==> flow/design.v <==
module sh_core_n #(
   parameter integer DWIDTH = 20,
   parameter integer SW = $clog2(DWIDTH)
) (
   input wire ck,
   input wire rstn,
   input wire en,
   input wire [DWIDTH-1:0] data,
   input wire [SW-1:0] sh,
   input wire dir,
   output reg [DWIDTH-1:0] y
);
   reg [DWIDTH-1:0] data_s;
   reg [SW-1:0] sh_s;
   reg dir_s;
   always @(posedge ck) begin
      if (!rstn) begin
         data_s <= 0;
         sh_s <= 0;
         dir_s <= 1'b0;
         y <= 0;
      end else if (en) begin
         data_s <= data;
         sh_s <= sh;
         dir_s <= dir;
         y <= dir_s ? data_s << sh_s : data_s >> sh_s;
      end
   end
endmodule
### Tool chain data of sh_core_n

Tool output for the design above, in the order of the flow.
Lines are those of the file above, counted from 1.
Operators carry their Yosys type and port widths (W data, S select, Z words).
Cell names lack the library's common part.
The mark -- stands for no value.

| inputs | value |
|---|---|
| design top | sh_core_n |
| clock input | ck |
| standard-cell library | sky130hd |
| corner | tt_025C_1v80 |

### Word level

Counts by Yosys on the flattened word-level netlist (proc, flatten, opt, wreduce; memories kept). Register bits leave out memories and registers merged into their read ports (data or address); mux counts leave out enables and synchronous resets folded into registers. Print and check cells are left out. Cells with the same type and inputs are merged into one.

| bit counts | value |
|---|---|
| flip-flop bits (word level) | 46 |
| latch bits | 0 |
| memory bits (writable) | 0 |
| bits in read-only memories | 0 |
| word width x clocked read ports | 0 |
| memories kept | 0 |
| input bits | 29 |
| output and inout bits | 20 |
| word-level cells | 7 |

| operators by class | value |
|---|---|
| $add $sub $neg | 0 |
| multiply operators | 0 |
| divide/modulo/power cells | 0 |
| $lt $le $gt $ge | 0 |
| equality and inequality tests | 0 |
| shift-type cells | 2 |
| muxes and demuxes | 1 |
| bitwise gates (word level) | 0 |
| reduce/logical cells | 0 |

Operators with widths:

| operator | number |
|---|---|
| $shl A20 B5 Y20 | 1 |
| $shr A20 B5 Y20 | 1 |
| $mux W20 | 1 |

### Depth

Yosys ltp: most cells in a row. Word level: on the elaborated netlist, between registers, memories and ports. Mapped: between sequential cells and ports; inverters and the memories' decode and read muxes count.

| depth | value |
|---|---|
| word-level depth | 2 |
| ABC_AREA | 0 |
| mapped depth | 9 |
| gate-level depth less buffers | 5 |

### Synthesis result

Yosys stat after the flow's synthesis: flattened, memories mapped to cells. It holds for the ABC_AREA given above (unset counts as 0); a run with the other value may have another netlist.
The area totals of this step are shown rounded.

Cell types:

| cell | number | area in all (sq um) |
|---|---|---|
| dfxtp_1 | 46 | 920.883 |
| mux2i_1 | 61 | 610.586 |
| mux4_2 | 16 | 360.346 |
| nor2b_1 | 30 | 187.68 |
| mux2_2 | 16 | 180.173 |
| nand2_1 | 38 | 142.637 |
| o21ai_0 | 23 | 115.11 |
| a21oi_1 | 20 | 100.096 |
| nor2_1 | 26 | 97.594 |
| mux4_1 | 3 | 78.826 |
| buf_6 | 6 | 67.565 |
| clkbuf_1 | 18 | 67.565 |
| buf_2 | 12 | 60.058 |
| o211ai_1 | 8 | 60.058 |
| nor3_1 | 9 | 45.043 |
| a221oi_1 | 5 | 43.792 |
| a221o_1 | 4 | 40.038 |
| a32o_1 | 4 | 40.038 |

Other cell types: 40; their cells: 96.

| synthesis totals | value |
|---|---|
| standard cells after synthesis | 441 |
| cell area after synthesis | 3900 sq um |
| sequential part of the area | 921 sq um |
| mapped flip-flops | 46 |
| buffer cells | 42 |

### Path before layout

OpenSTA on the mapped netlist: ideal clock, no wires. The path of least setup slack (recovery checks aside). Input and output delay are each 20% of the period. Register names are those of the netlist, which keeps one name where synthesis merged equal registers.

| path after synthesis | value |
|---|---|
| kind | flip-flop to flip-flop |
| from | register sh_s[2] |
| to | register y[18] |
| clock period | 2.19 ns |
| setup time | 0.120 ns |
| launch time at the first pin | 0.000 ns |
| arrival time | 1.629 ns |
| required time | 2.070 ns |
| setup slack | 0.441 ns |
| path delay | 1.749 ns |
| stages | 8 |
| path buffers | 3 |
| period reached after synthesis | 1.749 ns |

"path delay" = arrival - input delay + setup time.
"stages": output pins that drive a net of the path, with the launching flip-flop's if there is one; two outputs of one cell count as two.
"period reached after synthesis" is the clock period less the worst setup slack; recovery checks do not enter. This is arithmetic on one report: input and output delays are still those of the set period (20% each).
The rows between start and end are the longest chain of elaborated cells between them; the timing report does not say that the signal goes this way. Where chains are equally long, one stands for them.
Each line given opens the expression or statement behind the cell; cells for indexed reads and writes are added by Yosys, which also makes memories of some case tables.

| on the way, after synthesis | value |
|---|---|
| cells stage by stage | dfxtp_1 > buf_2 > buf_4 > buf_2 > mux4_2 > nand4_1 > o311ai_0 > o31a_1 |
| cells in the longest elaborated chain | 2 |
| elaborated cells on any way between the ends | 3 |
| RTL lines with such cells | 1 |
| those cells by class | shift: 2; mux: 1 |

Ends and longest elaborated chain, after synthesis:

| item | RTL line | source |
|---|---|---|
| from (decl) | 14 | `reg [SW-1:0] sh_s;` |
| from (assign) | 19 | `sh_s <= 0;` |
| from (assign) | 24 | `sh_s <= sh;` |
| $shr A20 B5 Y20 | 26 | `y <= dir_s ? data_s << sh_s : data_s >> sh_s;` |
| $mux W20 | 26 |  |
| to (assign) | 21 | `y <= 0;` |
| to (assign) | 26 |  |
| to (decl) | 11 | `output reg [DWIDTH-1:0] y` |

### Worst path after layout

Path of least setup slack in the final report of flow run B (OpenROAD, finished layout, wires in). Where an end is a register, its clock arrival counts in the times.

| path after layout | value |
|---|---|
| kind | flip-flop to flip-flop |
| from | register sh_s[1] |
| to | register y[15] |
| clock period | 2.19 ns |
| setup time | 0.10 ns |
| launch time at the first pin | 0.30 ns |
| arrival time | 2.23 ns |
| required time | 2.40 ns |
| setup slack | 0.17 ns |
| stages | 7 |
| path buffers | 1 |

The rows between start and end are the longest chain of elaborated cells between them; the timing report does not say that the signal goes this way. Where chains are equally long, one stands for them.

| on the way, after layout | value |
|---|---|
| cells stage by stage | dfxtp_4 > buf_4 > mux2_2 > o221ai_1 > a21boi_0 > o22ai_1 > a32o_1 |
| cells in the longest elaborated chain | 2 |
| elaborated cells on any way between the ends | 3 |
| RTL lines with such cells | 1 |
| those cells by class | shift: 2; mux: 1 |

Ends and longest elaborated chain, after layout:

| item | RTL line | source |
|---|---|---|
| from (decl) | 14 | `reg [SW-1:0] sh_s;` |
| from (assign) | 19 | `sh_s <= 0;` |
| from (assign) | 24 | `sh_s <= sh;` |
| $shr A20 B5 Y20 | 26 | `y <= dir_s ? data_s << sh_s : data_s >> sh_s;` |
| $mux W20 | 26 |  |
| to (assign) | 21 | `y <= 0;` |
| to (assign) | 26 |  |
| to (decl) | 11 | `output reg [DWIDTH-1:0] y` |

Design sh_core_n on sky130hd. What follows are 3 stored runs of the flow, each under its own settings; their order means nothing. The constraints put input and output delay at 20% of the set period each and load the outputs with 0.01 pF.
"period reached" is the run's clock period less its worst setup slack. It is reckoned from that one timing run; input and output delays stay at 20% of the period that was set.
"time on the worst setup path" = time allowed to the worst setup path (clock period - input delay - output delay, where it has them) - its slack; a late launch clock adds to it, a late capture clock takes from it.
"power consumption" is the tool's figure for a default switching activity; nothing was simulated.
The measured numbers are rounded.
Among the settings, . means not set for that run.
Among the results, . means that no value is shown for the run.

| setting or result | flow run A | flow run B | flow run C |
|---|---|---|---|
| period_ns | 2.58 | 2.19 | 1.48 |
| CORE_UTILIZATION | 60 | 40 | 16 |
| PLACE_DENSITY | 0.55 | . | . |
| CORE_MARGIN | 2 | 2 | 2 |
| CELL_PAD_IN_SITES_GLOBAL_PLACEMENT | 3 | . | . |
| TNS_END_PERCENT | 35 | . | 80 |
| GPL_TIMING_DRIVEN | 0 | . | 0 |
| CTS_CLUSTER_SIZE | 28 | . | 65 |
| CTS_CLUSTER_DIAMETER | 304 | . | 327 |
| SLEW_MARGIN | 5 | 20 | 20 |
| MIN_ROUTING_LAYER | met1 | . | met1 |
| MAX_ROUTING_LAYER | met4 | . | . |
| CAP_MARGIN | 20 | 20 | 20 |
| PLACE_DENSITY_LB_ADDON | . | . | 0.27 |
| GPL_ROUTABILITY_DRIVEN | . | . | 0 |
| period reached (ns) | . | 2.020 | 1.926 |
| standard-cell area after layout (sq um) | . | 4710 | 5690 |
| worst hold slack after layout (ns) | . | 0.454 | 0.450 |
| utilization (%) | . | 48.8 | 23.6 |
| area inside the die boundary (sq um) | . | 10600 | 25600 |
| time on the worst setup path (ns) | . | 2.02 | 1.93 |
| critical path kind | . | flip-flop to flip-flop | flip-flop to flip-flop |
| power consumption (W) | . | 0.00229 | 0.00429 |
| total negative setup slack (ns) | . | 0.000 | -7.07 |
| mapped cell area after synthesis (sq um) | . | 3900 | 3900 |
| setup slack of the critical path (ns) | . | 0.170 | -0.446 |

Flow run A: incomplete, placement halted on GPL-0301
